==> flow/design.v <==
module my_switch_n #(
    parameter WD = 20,
    parameter N = 24,
    parameter SEL_W = $clog2(N)
) (
    input  ck,
    input  srst,
    input  [N*WD-1:0] val,
    input  [SEL_W-1:0] idx,
    output [WD-1:0] dout
);
    reg [N*WD-1:0] val_r;
    reg [SEL_W-1:0] idx_r;
    wire [WD-1:0] vec [0:N-1];
    genvar k;
    generate
        for (k = 0; k < N; k = k + 1) begin : u_g
            assign vec[k] = val_r[k*WD +: WD];
        end
    endgenerate
    assign dout = vec[idx_r];
    always @(posedge ck or posedge srst) begin
        if (srst) begin
            val_r <= 0;
            idx_r <= 0;
        end else begin
            val_r <= val;
            idx_r <= idx;
        end
    end
endmodule
======== From RTL to reports: my_switch_n ========
The steps from the RTL of my_switch_n to its reports follow in flow order.
Lines are those of the file above, counted from 1.
Cell names lack the library's common part.
The mark -- stands for no value.
set-up
  design top .............................. my_switch_n
  clock ................................... ck
  library ................................. sky130hd
  library corner .......................... tt_025C_1v80

======== After elaboration ========
Counts by Yosys on the flattened word-level netlist (proc, flatten, opt, wreduce). Print and check cells are left out. Cells with the same type and inputs are merged into one.
cells by class
  multiplexer cells ....................... 1
  eq/ne operators ......................... 23
  reduce/logical cells .................... 1
operators with widths
  operator                                                          count
  20-bit parallel mux with 24-bit select                            1
  5-bit by 4-bit == test with 1-bit output (second input constant)  8
  5-bit == test (second input constant)                             8
  5-bit by 3-bit == test with 1-bit output (second input constant)  4
  5-bit by 2-bit == test with 1-bit output (second input constant)  2
  5-bit by 1-bit == test with 1-bit output (second input constant)  1
  5-bit zero test                                                   1
bit counts
  output and inout port bits .............. 20
  register bits after elaboration ......... 485
  elaborated cells ........................ 27
  input bits .............................. 487

======== Longest topological paths ========
Depth = most cells in a row (Yosys ltp): at word level without a register or memory, in the mapped netlist without a sequential cell, where the memories' decode and read muxes count.
logic depth
  depth after elaboration ................. 2
  ABC_AREA ................................ 0
  gate-level depth with buffers ........... 9
  depth with buffers taken out ............ 5

======== Synthesis result ========
Source: synth_stat.txt of the flow (Yosys; design flattened, memories mapped). It holds for the ABC_AREA given above (unset counts as 0); a run with the other value may have another netlist.
cells by type
  cell      count  total area (µm²)
  dfrtp_1   485    1.21E+04
  mux2i_1   60     600.576
  a22oi_1   49     367.853
  a21oi_1   39     195.187
  mux2_2    16     180.173
  nand3_1   36     180.173
  a32oi_1   18     157.651
  buf_2     31     155.149
  buf_4     20     150.144
  a22o_1    17     148.893
  nor2_1    32     120.115
  nor3_1    24     120.115
  o32a_1    12     120.115
  nand2_1   31     116.362
  o21ai_0   21     105.101
  nand4_1   16     100.096
  a32o_1    9      90.086
  a221oi_1  10     87.584
Other cell types: 57; their cells: 198.
synthesis totals
  mapped area ............................. 16634.7 µm²
  flip-flops .............................. 485
  buffers ................................. 72
  standard cells after synthesis .......... 1124
  sequential area ......................... 12136.6 µm²

======== Path before layout ========
Path of least setup slack by OpenSTA after synthesis, without wires, with an ideal clock, recovery checks aside; 20% of the period is set as input and as output delay. Where synthesis merged equal registers, the netlist keeps one of their names.
path after synthesis
  path kind ............................... register to output
  start point ............................. register idx_r[1]
  end point ............................... output dout[8]
  delay of the path ....................... 1.750 ns
  setup slack ............................. 0.434 ns
  buffers on the path ..................... 1
  driving pins on the path ................ 7
  clock period ............................ 2.73 ns
  time at the first pin ................... 0.000 ns
  output delay ............................ 0.546 ns
  data required time ...................... 2.184 ns
  data arrival time ....................... 1.750 ns
  period reached after synthesis .......... 2.296 ns
"delay of the path" is the arrival time less input delay plus setup time.
A path that ends at an output port has no setup time.
"driving pins on the path" counts driving pins, that of a launching flip-flop among them; a cell with two outputs on the path counts twice.
"period reached after synthesis" is the clock period less the worst setup slack; recovery checks do not enter. This is arithmetic on one report: input and output delays are still those of the set period (20% each).
Between the ends stands the longest chain of elaborated cells between them, by number of cells; it is not shown to be the way that was timed. Of several equally long chains one is given.
A line is the first line of the expression or statement that the cell stems from. Yosys adds cells for indexed reads and writes and turns some case tables into memories.
on the way, after synthesis
  cell sequence ........................... dfrtp_1 > buf_6 > mux2_4 > a32oi_1 > o21ai_1 > or3_1 > o32a_1
  length of the longest elaborated chain .. 2
  elaborated cells on any way between the ends .. 25
  source lines of those cells ............. 1
  classes of those cells .................. eq/ne (23); mux (1); reduce/logical (1)
RTL lines, path after synthesis
  what                                    line  text
  start: declaration                      13    reg [SEL_W-1:0] idx_r;
  start: assignment                       25    idx_r <= 0;
  start: assignment                       28    idx_r <= idx;
  5-bit == test                           21    assign dout = vec[idx_r];
  20-bit parallel mux with 24-bit select  21
  end: declaration                        10    output [WD-1:0] dout

======== Path in the finished layout ========
From the final timing report of job 2: the path of least setup slack in the routed layout; clock arrival at registers is part of the times.
path post-layout
  path kind ............................... register to output
  start point ............................. register idx_r[0]
  end point ............................... output dout[6]
  driving pins on the path ................ 10
  buffers on the path ..................... 4
  setup slack ............................. -1.82 ns
  time at the first pin ................... 0.57 ns
  data required time ...................... 1.08 ns
  clock period ............................ 1.35 ns
  output delay ............................ 0.27 ns
  data arrival time ....................... 2.90 ns
Between the ends stands the longest chain of elaborated cells between them, by number of cells; it is not shown to be the way that was timed. Of several equally long chains one is given.
on the way, post-layout
  cell sequence ........................... dfrtp_4 > buf_6 > buf_6 > mux2i_1 > o2bb2ai_1 > a32o_1 > a2111oi_2 > buf_4 > a31oi_2 > buf_2
  length of the longest elaborated chain .. 2
  elaborated cells on any way between the ends .. 25
  source lines of those cells ............. 1
  classes of those cells .................. eq/ne (23); mux (1); reduce/logical (1)
RTL lines, path post-layout
  what                                    line  text
  start: declaration                      13    reg [SEL_W-1:0] idx_r;
  start: assignment                       25    idx_r <= 0;
  start: assignment                       28    idx_r <= idx;
  5-bit == test                           21    assign dout = vec[idx_r];
  20-bit parallel mux with 24-bit select  21
  end: declaration                        10    output [WD-1:0] dout

Memo
Re: implementation data of my_switch_n

3 stored runs of my_switch_n in the flow (synthesis by Yosys, layout by OpenROAD, sky130hd cells), in arbitrary order. Constraints: input delay and output delay 20% of the set period each, output load 0.01 pF.
"reached clock period" is the run's clock period less its worst setup slack. It is reckoned from that one timing run; input and output delays stay at 20% of the period that was set.

---- job 1 ----
settings
  period_ns = 2.45
  CORE_UTILIZATION = 66
  PLACE_DENSITY_LB_ADDON = 0.08
  CELL_PAD_IN_SITES_GLOBAL_PLACEMENT = 3
  ABC_AREA = 0
  CTS_CLUSTER_DIAMETER = 285
  SLEW_MARGIN = 40
  CAP_MARGIN = 20
  CORE_MARGIN = 2
results
  incomplete, placement halted on FLW-0024

---- job 2 ----
settings
  period_ns = 1.35
  CORE_UTILIZATION = 50
  PLACE_DENSITY_LB_ADDON = 0.28
  CORE_ASPECT_RATIO = 0.9
  CORE_MARGIN = 9
  CELL_PAD_IN_SITES_GLOBAL_PLACEMENT = 1
  TNS_END_PERCENT = 60
  CTS_CLUSTER_SIZE = 42
  CAP_MARGIN = 40
  SLEW_MARGIN = 20
results
  synthesized cell area ................... 16634.7 µm²
  total negative slack on setup checks .... -33.477 ns
  die outline area ........................ 40169.0 µm²
  standard-cell area of the final layout .. 27241.1 µm²
  post-route worst hold slack ............. 0.130 ns
  reached clock period .................... 3.167 ns
  setup slack of the critical path ........ -1.817 ns

---- job 3 ----
settings
  period_ns = 2.73
  CAP_MARGIN = 20
  CORE_MARGIN = 2
  CORE_UTILIZATION = 40
  SLEW_MARGIN = 20
results
  standard-cell area of the final layout .. 27610.2 µm²
  synthesized cell area ................... 16634.7 µm²
  total negative slack on setup checks .... -11.097 ns
  post-route worst hold slack ............. 0.382 ns
  reached clock period .................... 3.389 ns
  die outline area ........................ 43234.9 µm²
  setup slack of the critical path ........ -0.659 ns
